==> flow/design.v <==
module gen_shift #(
  parameter integer NBITS = 28,
  parameter integer SEL_W = $clog2(NBITS)
) (
  input wire i_clk,
  input wire rstn,
  input wire [NBITS-1:0] ch,
  input wire [SEL_W-1:0] by,
  output reg [NBITS-1:0] data_out
);
  reg [NBITS-1:0] ch_ff;
  reg [SEL_W-1:0] by_ff;
  reg [NBITS-1:0] val_ff;
  reg [1:0] by_ff_lo;
  always @(posedge i_clk or negedge rstn) begin
    if (~rstn) begin
      ch_ff <= 0;
      by_ff <= 0;
      val_ff <= 0;
      by_ff_lo <= 0;
      data_out <= 0;
    end else begin
      ch_ff <= ch;
      by_ff <= by;
      val_ff <= ch_ff >> {by_ff[SEL_W-1:2], 2'b00};
      by_ff_lo <= by_ff[1:0];
      data_out <= val_ff >> by_ff_lo;
    end
  end
endmodule
# Tool chain data of gen_shift
# Tool output for the design above, in the order of the flow.
# Line numbers count from 1 in the design file above.
# Operators carry their Yosys type and port widths (W data, S select, Z words).
inputs:
  top_module: "gen_shift"
  clk_port: "i_clk"
  library: "sky130hd"
  pvt_corner: "tt_025C_1v80"

# Elaborated design
# Counts by Yosys on the flattened word-level netlist (proc, flatten, opt, wreduce; memories kept). Register bits leave out memories and registers merged into their read ports (data or address); mux counts leave out enables and synchronous resets folded into registers. Print and check cells are left out. Cells with the same type and inputs are merged into one.
word_totals:
  ff_bits: 91
  in_bits: 35
  output_inout_bits: 28
  word_cells: 7
classes:
  shifts: 2
ops:
  columns: ["operator", "n"]
  rows:
  - ["$shr A28 B2 Y28", 1]
  - ["$shr A28 B5 Y28", 1]

# Longest topological paths
# Yosys ltp: most cells in a row. Word level: on the elaborated netlist, between registers, memories and ports. Mapped: between sequential cells and ports; inverters and the memories' decode and read muxes count.
depth:
  depth_word: 1
  abc_area: 0
  mapped_depth: 5
  ltp_nobuf: 3

# Mapped cells and area
# Yosys stat after the flow's synthesis: flattened, memories mapped to cells. It holds for the ABC_AREA given above (unset counts as 0); a run with the other value may have another netlist.
mapped:
  mapped_cells: 236
  area_um2: 3739.8
  ff_cells: 91
  buffers: 17
types:
  columns: ["cell", "n", "type_area_um2"]
  rows:
  - ["sky130_fd_sc_hd__dfrtp_1", 91, 2.28E+03]
  - ["sky130_fd_sc_hd__mux4_2", 27, 608.083]
  - ["sky130_fd_sc_hd__mux2i_1", 22, 220.211]
  - ["sky130_fd_sc_hd__a211oi_1", 13, 97.594]
  - ["sky130_fd_sc_hd__buf_4", 9, 67.565]
  - ["sky130_fd_sc_hd__nor2b_1", 9, 56.304]
  - ["sky130_fd_sc_hd__o22ai_1", 8, 50.048]
  - ["sky130_fd_sc_hd__buf_6", 4, 45.043]
  - ["sky130_fd_sc_hd__nor2_1", 11, 41.29]
  - ["sky130_fd_sc_hd__a221oi_1", 4, 35.034]
  - ["sky130_fd_sc_hd__a2bb2oi_1", 4, 35.034]
  - ["sky130_fd_sc_hd__inv_1", 8, 30.029]
  - ["sky130_fd_sc_hd__o21a_1", 4, 30.029]
  - ["sky130_fd_sc_hd__mux4_1", 1, 26.275]
  - ["sky130_fd_sc_hd__and2_1", 4, 25.024]
  - ["sky130_fd_sc_hd__o21ai_0", 5, 25.024]
  - ["sky130_fd_sc_hd__nand2b_1", 3, 18.768]
  - ["sky130_fd_sc_hd__buf_2", 2, 10.01]
# Not listed: further types 6, cells in them 7.

# Timing after synthesis
# OpenSTA on the mapped netlist: ideal clock, no wires. The path of least setup slack (recovery checks aside). Input and output delay are each 20% of the period. Register names are those of the netlist, which keeps one name where synthesis merged equal registers.
synth_timing:
  kind: "reg-to-reg"
  startpoint: "reg by_ff[3]"
  endpoint: "reg val_ff[4]"
  clock_period_ns: 1.54
  launch_ns: 0.000
  t_arrival_ns: 1.090
  required_time_ns: 1.402
  slack_ns: 0.312
  delay_ns: 1.228
  driving_pins: 5
  n_path_buf: 1
  synth_period_reached_ns: 1.228
# "delay_ns" is the arrival time less input delay plus setup time.
# "driving_pins": output pins that drive a net of the path, with the launching flip-flop's if there is one; two outputs of one cell count as two.
# "synth_period_reached_ns" = period - worst setup slack (recovery checks aside). The figure is calculated, with input and output delays left at 20% of the set period.
# Between the ends stands the longest chain of elaborated cells between them, by number of cells; it is not shown to be the way that was timed. Of several equally long chains one is given.
# A line is the first line of the expression or statement that the cell stems from. Yosys adds cells for indexed reads and writes and turns some case tables into memories.
synth_via:
  path_cell_list: "sky130_fd_sc_hd__dfrtp_1 -> sky130_fd_sc_hd__buf_6 -> sky130_fd_sc_hd__mux4_2 -> sky130_fd_sc_hd__inv_1 -> sky130_fd_sc_hd__o22ai_1"
  elab_chain_cells: 1
  cone_cells: 1
  lines_between: 1
  cone_classes: "shift (1)"
synth_rtl:
  columns: ["item", "line_no", "rtl"]
  rows:
  - ["from (decl)", 12, "reg [SEL_W-1:0] by_ff;"]
  - ["from (assign)", 18, "by_ff <= 0;"]
  - ["from (assign)", 24, "by_ff <= by;"]
  - ["$shr A28 B5 Y28", 25, "val_ff <= ch_ff >> {by_ff[SEL_W-1:2], 2'b00};"]
  - ["to (assign)", 19, "val_ff <= 0;"]
  - ["to (assign)", 25, null]
  - ["to (decl)", 13, "reg [NBITS-1:0] val_ff;"]

# Timing after layout
# Path of least setup slack in the final report of job 1 (OpenROAD, finished layout, wires in). Where an end is a register, its clock arrival counts in the times.
layout_timing:
  kind: "reg-to-output"
  startpoint: "reg data_out[18]"
  endpoint: "out data_out[18]"
  clock_period_ns: 2.18
  output_delay_ns: 0.44
  launch_ns: 0.34
  t_arrival_ns: 1.23
  required_time_ns: 1.74
  slack_ns: 0.51
  driving_pins: 2
  n_path_buf: 1
layout_via:
  path_cell_list: "sky130_fd_sc_hd__dfrtp_1 -> sky130_fd_sc_hd__clkdlybuf4s50_1"
  elab_chain_cells: 0
  cone_cells: 0
  lines_between: 0
layout_rtl:
  columns: ["item", "line_no", "rtl"]
  rows:
  - ["from (decl)", 9, "output reg [NBITS-1:0] data_out"]
  - ["from (assign)", 21, "data_out <= 0;"]
  - ["from (assign)", 27, "data_out <= val_ff >> by_ff_lo;"]
  - ["to (decl)", 9, null]

# Stored flow runs of gen_shift (3 of them; Yosys, OpenROAD, sky130hd). They differ in their settings and are not a sequence. Constraints: input delay and output delay 20% of the set period each, output load 0.01 pF.
# "period_reached_ns" = clock period - worst setup slack. The figure is calculated, with input and output delays left at 20% of the set period.
# "timing.worst_path_ns" = time allowed to the worst setup path (clock period - input delay - output delay, where it has them) - its slack; a late launch clock adds to it, a late capture clock takes from it.
# "fin_power_uw": no workload was simulated; the value follows from the tool's default switching activity.
runs:
  - name: "job 1"
    settings:
      period_ns: 2.18
      CORE_UTILIZATION: 50
      PLACE_DENSITY_LB_ADDON: 0.12
      CORE_ASPECT_RATIO: 0.86
      CELL_PAD_IN_SITES_GLOBAL_PLACEMENT: 2
      CELL_PAD_IN_SITES_DETAIL_PLACEMENT: 1
      CTS_CLUSTER_SIZE: 79
      CAP_MARGIN: 10
      SLEW_MARGIN: 25
      CORE_MARGIN: 2
    results:
      utilization_pct: 62.7
      final_stdcell_area_um2: 4593.2
      fin_power_uw: 3438
      timing.worst_path_ns: 1.23
      timing.worst_path_kind: "reg-to-output"
      period_reached_ns: 1.671
      worst_setup_slack_ns: 0.509
      die_um2: 8189.8
      synth_chip_area_um2: 3739.8
      fin_tns_ns: 0.000
  - name: "job 2"
    settings:
      period_ns: 1.88
      CORE_UTILIZATION: 41
      SETUP_SLACK_MARGIN: 0.32
      PLACE_DENSITY_LB_ADDON: 0.29
      HOLD_SLACK_MARGIN: 0.15
      CORE_ASPECT_RATIO: 0.56
      CORE_MARGIN: 5
      TNS_END_PERCENT: 50
      ABC_AREA: 0
      GPL_ROUTABILITY_DRIVEN: 1
      CTS_CLUSTER_SIZE: 46
      CAP_MARGIN: 20
      SLEW_MARGIN: 20
    results:
      utilization_pct: 53.2
      final_stdcell_area_um2: 4790.8
      fin_power_uw: 4405
      timing.worst_path_ns: 1.18
      timing.worst_path_kind: "reg-to-output"
      period_reached_ns: 1.560
      worst_setup_slack_ns: 0.320
      die_um2: 11212.3
      synth_chip_area_um2: 3739.8
      fin_tns_ns: 0.000
  - name: "job 3"
    settings:
      period_ns: 1.54
      CAP_MARGIN: 20
      CORE_MARGIN: 2
      CORE_UTILIZATION: 40
      SLEW_MARGIN: 20
    results:
      utilization_pct: 51.9
      final_stdcell_area_um2: 4750.8
      fin_power_uw: 4987
      timing.worst_path_ns: 1.39
      timing.worst_path_kind: "reg-to-reg"
      period_reached_ns: 1.388
      worst_setup_slack_ns: 0.152
      die_um2: 10139.5
      synth_chip_area_um2: 3739.8
      fin_tns_ns: 0.000
